==> flow/design.v <==
module ex_compare_mod #(
  parameter W = 64
) (
  input wire core_clk,
  input wire rst_ni,
  input wire [W-1:0] da,
  input wire [W-1:0] db,
  output reg a_lt_b,
  output reg a_eq_b
);
  reg [W-1:0] da_reg;
  reg [W-1:0] db_reg;
  always @(posedge core_clk) begin
    if (!rst_ni) begin
      da_reg <= 0;
      db_reg <= 0;
    end else begin
      da_reg <= da;
      db_reg <= db;
    end
  end
  wire [W:0] r;
  assign r = {1'b0, da_reg} - {1'b0, db_reg};
  always @(posedge core_clk) begin
    if (!rst_ni) begin
      a_lt_b <= 1'b0;
      a_eq_b <= 1'b0;
    end else begin
      a_lt_b <= r[W];
      a_eq_b <= ~|r[W-1:0];
    end
  end
endmodule
==> Step by step through the tools: ex_compare_mod <==
What the tools print for ex_compare_mod, step after step.
Lines are those of the file above, counted from 1.
Library cell names are shortened.
{ "inputs": {"top": "ex_compare_mod", "clock": "core_clk", "cell_library": "sky130hd", "pvt_corner": "tt_025C_1v80"} }

==> Elaborated design <==
Counts by Yosys on the flattened word-level netlist (proc, flatten, opt, wreduce; memories kept). Register bits leave out memories and registers merged into their read ports (data or address); mux counts leave out enables and synchronous resets folded into registers. Print and check cells are left out. Cells with the same type and inputs are merged into one.
{ "word_totals": {"regBits": 130, "out_inout_bits": 2, "word_cells": 7} }
{ "classes": {"n_addsub": 1, "reduce_and_logical": 2} }
{ "op_table": {"columns": ["op", "count"], "rows": [
  ["subtractor 64 x 64 -> 65 bit", 1],
  ["OR reduction 64 bit", 1],
  ["zero test 1 bit", 1]
]} }

==> Depth <==
Depth = most cells in a row (Yosys ltp): at word level without a register or memory, in the mapped netlist without a sequential cell, where the memories' decode and read muxes count.
{ "logic_depth": {"ltp_word": 3, "abc_area": 0, "ltp_mapped": 13, "ltp_nobuf": 13} }

==> After synthesis <==
The flow's flattened synthesis, as Yosys stat reports it; memories are mapped. The netlist is that of the ABC_AREA named above (0 if unset); the other value can give another one.
The area totals of this step are shown rounded.
{ "synth_totals": {"stdcells": 1038, "yosys_area_um2": 8400, "ff_cells": 130, "n_buf": 59} }
{ "by_type": {"columns": ["type", "count", "type_area_um2"], "rows": [
  ["dfxtp_1", 130, 2.6E+03],
  ["and2_1", 134, 838.304],
  ["ha_1", 64, 800.768],
  ["a21oi_1", 70, 350.336],
  ["nand2_1", 82, 307.795],
  ["inv_1", 79, 296.534],
  ["nand4_1", 37, 231.472],
  ["nor2_1", 51, 191.434],
  ["a21o_1", 24, 180.173],
  ["xnor2_1", 18, 157.651],
  ["o21ai_0", 28, 140.134],
  ["o21a_1", 18, 135.13],
  ["clkbuf_1", 34, 127.622],
  ["buf_2", 22, 110.106],
  ["o21ai_1", 22, 110.106],
  ["nand3_1", 20, 100.096],
  ["nor3_1", 18, 90.086],
  ["xor2_1", 10, 87.584]
]} }
Other cell types: 65; their cells: 177.

==> Path before layout <==
OpenSTA on the mapped netlist: ideal clock, no wires. The path of least setup slack (recovery checks aside). Input and output delay are each 20% of the period. Register names are those of the netlist, which keeps one name where synthesis merged equal registers.
{ "synth_path": {"path_type": "register to register", "from": "register da_reg[0]", "to": "register a_eq_b", "period_ns": 3.85, "setup_ns": 0.088, "launch_ns": 0.000, "arrival_ns": 2.996, "t_required_ns": 3.762, "slack_ns": 0.766, "delay_ns": 3.084, "path_stages": 14, "path_buffers": 0, "period_less_setup_slack_ns": 3.084} }
"delay_ns" = arrival - input delay + setup time.
"path_stages" counts driving pins, that of a launching flip-flop among them; a cell with two outputs on the path counts twice.
"period_less_setup_slack_ns" = period - worst setup slack (recovery checks aside). The figure is calculated, with input and output delays left at 20% of the set period.
Between the ends stands the longest chain of elaborated cells between them, by number of cells; it is not shown to be the way that was timed. Of several equally long chains one is given.
Each line given opens the expression or statement behind the cell; cells for indexed reads and writes are added by Yosys, which also makes memories of some case tables.
{ "synth_between": {"path_cell_list": "dfxtp_1 > inv_1 > ha_1 > fa_1 > xnor2_1 > a221o_1 > nor4_2 > o211ai_1 > or4_1 > nor4_1 > and4_1 > o2111a_1 > nand4_1 > nor4_2", "elab_chain_len": 3} }
{ "synth_rtl": {"columns": ["element", "line", "rtl"], "rows": [
  ["start, declared", 11, "reg [W-1:0] da_reg;"],
  ["start, assigned", 15, "da_reg <= 0;"],
  ["start, assigned", 18, "da_reg <= da;"],
  ["subtractor 64 x 64 -> 65 bit", 23, "assign r = {1'b0, da_reg} - {1'b0, db_reg};"],
  ["OR reduction 64 bit", 30, "a_eq_b <= ~|r[W-1:0];"],
  ["zero test 1 bit", 30, null],
  ["end, assigned", 27, "a_eq_b <= 1'b0;"],
  ["end, assigned", 30, null],
  ["end, declared", 9, "output reg a_eq_b"]
]} }

==> Timing after layout <==
From the final timing report of run 1: the path of least setup slack in the routed layout; clock arrival at registers is part of the times.
{ "layout_path": {"path_type": "register to register", "from": "register db_reg[1]", "to": "register a_eq_b", "period_ns": 2.65, "setup_ns": 0.08, "launch_ns": 0.43, "arrival_ns": 3.61, "t_required_ns": 3.00, "slack_ns": -0.61, "path_stages": 15, "path_buffers": 2} }
Between the ends stands the longest chain of elaborated cells between them, by number of cells; it is not shown to be the way that was timed. Of several equally long chains one is given.
{ "layout_between": {"path_cell_list": "dfxtp_2 > inv_1 > ha_1 > nand3b_1 > a21bo_2 > a2111o_1 > buf_6 > a311oi_4 > nor3_2 > buf_4 > o21ai_1 > xor2_1 > nor4_4 > nand4_1 > nor4_2", "elab_chain_len": 3} }
{ "layout_rtl": {"columns": ["element", "line", "rtl"], "rows": [
  ["start, declared", 12, "reg [W-1:0] db_reg;"],
  ["start, assigned", 16, "db_reg <= 0;"],
  ["start, assigned", 19, "db_reg <= db;"],
  ["subtractor 64 x 64 -> 65 bit", 23, "assign r = {1'b0, da_reg} - {1'b0, db_reg};"],
  ["OR reduction 64 bit", 30, "a_eq_b <= ~|r[W-1:0];"],
  ["zero test 1 bit", 30, null],
  ["end, assigned", 27, "a_eq_b <= 1'b0;"],
  ["end, assigned", 30, null],
  ["end, declared", 9, "output reg a_eq_b"]
]} }

## Implementation results

ex_compare_mod through Yosys and OpenROAD on sky130hd: 3 stored runs, unordered, with their settings and measured results. The constraints put input and output delay at 20% of the set period each and load the outputs with 0.01 pF.
By "period_reached_ns" is meant the clock period of the run minus its worst setup slack. This is arithmetic on one report: input and output delays are still those of the set period (20% each).
The results are shown rounded.
[
  {
    "run": "run 1",
    "settings": { "period_ns": 2.65, "CORE_UTILIZATION": 47, "SETUP_SLACK_MARGIN": 0.38, "PLACE_DENSITY_LB_ADDON": 0.17, "CORE_ASPECT_RATIO": 1.5, "CORE_MARGIN": 4, "CTS_CLUSTER_DIAMETER": 113, "MIN_ROUTING_LAYER": "met1", "MAX_ROUTING_LAYER": "met4", "CAP_MARGIN": 20, "SLEW_MARGIN": 20 },
    "results": { "period_reached_ns": 3.264, "synthArea_um2": 8400, "worst_hold_slack_ns": 0.64, "tns_ns": -0.61, "total_die_area_um2": 20000, "setup_worst_slack_ns": -0.61, "layout_stdcell_area_um2": 12000 }
  },
  {
    "run": "run 2",
    "settings": { "period_ns": 4.88, "CORE_UTILIZATION": 59, "SETUP_SLACK_MARGIN": 0.61, "PLACE_DENSITY": 0.68, "CORE_ASPECT_RATIO": 0.66, "CORE_MARGIN": 10, "CELL_PAD_IN_SITES_GLOBAL_PLACEMENT": 3, "ABC_AREA": 1, "GPL_TIMING_DRIVEN": 1, "CTS_CLUSTER_DIAMETER": 333, "MAX_ROUTING_LAYER": "met4", "CAP_MARGIN": 20, "SLEW_MARGIN": 20 },
    "outcome": "unfinished; error GPL-0301 in placement"
  },
  {
    "run": "run 3",
    "settings": { "period_ns": 3.85, "CAP_MARGIN": 20, "CORE_MARGIN": 2, "CORE_UTILIZATION": 40, "SLEW_MARGIN": 20 },
    "results": { "period_reached_ns": 3.611, "synthArea_um2": 8400, "worst_hold_slack_ns": 0.62, "tns_ns": 0.000, "total_die_area_um2": 22000, "setup_worst_slack_ns": 0.24, "layout_stdcell_area_um2": 10000 }
  }
]
